==> flow/design.v <==
module dp_adder_blk #(
  parameter XLEN = 72,
  parameter CHUNK = 3
) (
  input wire clk,
  input wire [XLEN-1:0] u,
  input wire [XLEN-1:0] v,
  input wire cin,
  output reg [XLEN-1:0] s,
  output reg carry_out
);
  localparam GROUPS = XLEN / CHUNK;
  wire [XLEN-1:0] r;
  wire [GROUPS:0] carry;
  assign carry[0] = cin;
  genvar i;
  generate
    for (i = 0; i < GROUPS; i = i + 1) begin : blk
      wire [CHUNK:0] s0 = u[i*CHUNK +: CHUNK] + v[i*CHUNK +: CHUNK];
      wire [CHUNK:0] s1 = u[i*CHUNK +: CHUNK] + v[i*CHUNK +: CHUNK] + 1'b1;
      assign {carry[i+1], r[i*CHUNK +: CHUNK]} = carry[i] ? s1 : s0;
    end
  endgenerate
  always @(posedge clk) begin
    s <= r;
    carry_out <= carry[GROUPS];
  end
endmodule
# Step by step through the tools: dp_adder_blk
# Tool output for the design above, in the order of the flow.
# Line numbers count from 1 in the design file above.
# Operators carry their Yosys type and port widths (W data, S select, Z words).
# Cell names lack the library's common part.
# The mark - stands for no value.
# design
top	dp_adder_blk
clk_port	clk
lib	sky130hd
pvt_corner	tt_025C_1v80

# Elaborated design
# Counts by Yosys on the flattened word-level netlist (proc, flatten, opt, wreduce; memories kept). Register bits leave out memories and registers merged into their read ports (data or address); mux counts leave out enables and synchronous resets folded into registers. Print and check cells are left out. Cells with the same type and inputs are merged into one.
# op_classes
addsub	48
mux	24
# ops
cell	count
$add A3 B3 Y4	24
$add A4 B1 Y4 const B	24
$mux W4	24
# bits
reg_bits	73
in_bits	146
output_inout_bits	73
elab_cells	74

# Depth
# Depth = most cells in a row (Yosys ltp): at word level without a register or memory, in the mapped netlist without a sequential cell, where the memories' decode and read muxes count.
# logic_depth
ltp_word	26
ABC_AREA	0
mapped_depth	30
ltp_nobuf	28

# Mapped cells and area
# Yosys stat after the flow's synthesis: flattened, memories mapped to cells. It holds for the ABC_AREA given above (unset counts as 0); a run with the other value may have another netlist.
# types
type	count	area_total_um2
dfxtp_1	73	1.46E+03
ha_1	96	1.2E+03
fa_1	24	480.461
xor2_1	43	376.611
xnor2_1	41	359.094
a21o_1	33	247.738
nand3_1	47	235.226
nand2_1	48	180.173
mux2_2	13	146.39
and3_1	21	131.376
a21oi_1	21	105.101
mux2i_1	10	100.096
nand4_1	16	100.096
nor4_1	15	93.84
nor2_1	24	90.086
a31oi_1	9	56.304
inv_1	15	56.304
mux2_1	5	56.304
# Other cell types: 34; their cells: 71.
# mapped
cell_count	625
yosys_area_um2	6055.8
sequential_area_um2	1461.4
ffs	73
n_buf	9

# Path before layout
# Path of least setup slack by OpenSTA after synthesis, without wires, with an ideal clock, recovery checks aside; 20% of the period is set as input and as output delay. Where synthesis merged equal registers, the netlist keeps one of their names.
# synth_timing
path_type	input to register
start	input u[0]
end	register s[67]
tclk_ns	11.4
setup_ns	0.123
launch_ns	2.280
t_arrival_ns	9.425
required_time_ns	11.277
path_slack_ns	1.852
delay_ns	7.268
stages	28
path_buffers	1
synth_period_reached_ns	9.548
# "delay_ns" = arrival - input delay + setup time.
# "stages" counts driving pins, that of a launching flip-flop among them; a cell with two outputs on the path counts twice.
# "synth_period_reached_ns" is the clock period less the worst setup slack; recovery checks do not enter. This is arithmetic on one report: input and output delays are still those of the set period (20% each).
# Between the ends stands the longest chain of elaborated cells between them, by number of cells; it is not shown to be the way that was timed. Of several equally long chains one is given.
# A line is the first line of the expression or statement that the cell stems from. Yosys adds cells for indexed reads and writes and turns some case tables into memories.
# synth_via
path_cell_list	ha_1 -> fa_1 -> nand3_1 -> nor2_4 -> xor2_2 -> o211ai_1 -> a41o_1 -> o21a_1 -> nor4_1 -> or4_1 -> a31oi_1 -> nor4_2 -> nor4_1 -> nor4_1 -> nand3_2 -> mux2i_1 -> nor4b_4 -> mux2i_1 -> or4_4 -> o31a_1 -> nor4_2 -> nor4_1 -> a2111oi_2 -> nand3_1 -> buf_6 -> o21a_1 -> nor2_1 -> mux2_1
elab_chain_len	25
cells_between	25
classes_between	add/sub (2); mux (23)
# synth_lines
item	line	rtl
start, declared	6	input wire [XLEN-1:0] u,
$add A3 B3 Y4	20	wire [CHUNK:0] s1 = u[i*CHUNK +: CHUNK] + v[i*CHUNK +: CHUNK] + 1'b1;
$add A4 B1 Y4	20
$mux W4 x23	21	assign {carry[i+1], r[i*CHUNK +: CHUNK]} = carry[i] ? s1 : s0;
end, assigned	25	s <= r;
end, declared	9	output reg [XLEN-1:0] s,

# Path in the finished layout
# From the final timing report of run 1: the path of least setup slack in the routed layout; clock arrival at registers is part of the times.
# layout_timing
path_type	input to register
start	input u[0]
end	register s[67]
tclk_ns	11.4
setup_ns	0.11
launch_ns	2.28
t_arrival_ns	10.82
required_time_ns	11.63
path_slack_ns	0.82
stages	28
path_buffers	1
# Between the ends stands the longest chain of elaborated cells between them, by number of cells; it is not shown to be the way that was timed. Of several equally long chains one is given.
# layout_via
path_cell_list	clkdlybuf4s50_1 -> ha_1 -> fa_1 -> nand3_1 -> nor2_4 -> xor2_2 -> o211ai_1 -> a41o_1 -> o21a_1 -> o31a_1 -> o31ai_1 -> a31oi_1 -> nor4_2 -> nor4_1 -> nor4_1 -> nand3_2 -> mux2i_1 -> nor4b_4 -> mux2i_1 -> or4_4 -> o31a_1 -> nor4_2 -> nor4_1 -> a2111oi_2 -> nand3_2 -> o21a_1 -> nor2_1 -> mux2_1
elab_chain_len	25
cells_between	25
classes_between	add/sub (2); mux (23)
# layout_lines
item	line	rtl
start, declared	6	input wire [XLEN-1:0] u,
$add A3 B3 Y4	20	wire [CHUNK:0] s1 = u[i*CHUNK +: CHUNK] + v[i*CHUNK +: CHUNK] + 1'b1;
$add A4 B1 Y4	20
$mux W4 x23	21	assign {carry[i+1], r[i*CHUNK +: CHUNK]} = carry[i] ? s1 : s0;
end, assigned	25	s <= r;
end, declared	9	output reg [XLEN-1:0] s,

# Module dp_adder_blk, platform sky130hd: 3 stored runs of the flow (Yosys, OpenROAD) with differing settings, in no particular order. Input and output delays are each 20% of the period that was set; the output load is 0.01 pF.
# "worstPathTime_ns" is the time allowed to the run's worst setup path (the clock period less input and output delay, where it has them) less its slack. Clock arrival times count: a late capture clock shortens it, a late launch clock lengthens it.
# A setting shown as - is not set for that run.
# Results: - = not shown.
setting or result,run 1,run 2,run 3
period_ns,11.4,9.32,10.1
CAP_MARGIN,20,20,20
CORE_MARGIN,2,3,2
CORE_UTILIZATION,40,64,23
SLEW_MARGIN,20,20,30
SETUP_SLACK_MARGIN,-,-0.19,-
PLACE_DENSITY_LB_ADDON,-,0.23,0.24
CORE_ASPECT_RATIO,-,0.6,-
CELL_PAD_IN_SITES_GLOBAL_PLACEMENT,-,3,-
CELL_PAD_IN_SITES_DETAIL_PLACEMENT,-,0,-
ABC_AREA,-,0,-
GPL_TIMING_DRIVEN,-,1,-
MIN_ROUTING_LAYER,-,met2,-
MAX_ROUTING_LAYER,-,met5,met5
TNS_END_PERCENT,-,-,25
CTS_CLUSTER_SIZE,-,-,52
stdcell_area_um2,8738.4,-,9145.0
design.die.area_um2,16139.2,-,27644.1
worstPathTime_ns,8.30,-,7.58
critical_path_kind,input to register,-,input to register
worstSetupSlack_ns,0.816,-,0.501
synthesis_area_um2,6055.8,-,6055.8
hold_ws_ns,2.605,-,2.386
utilization_pct,59.7,-,35.2
# Run 2: no results, placement failed with FLW-0024
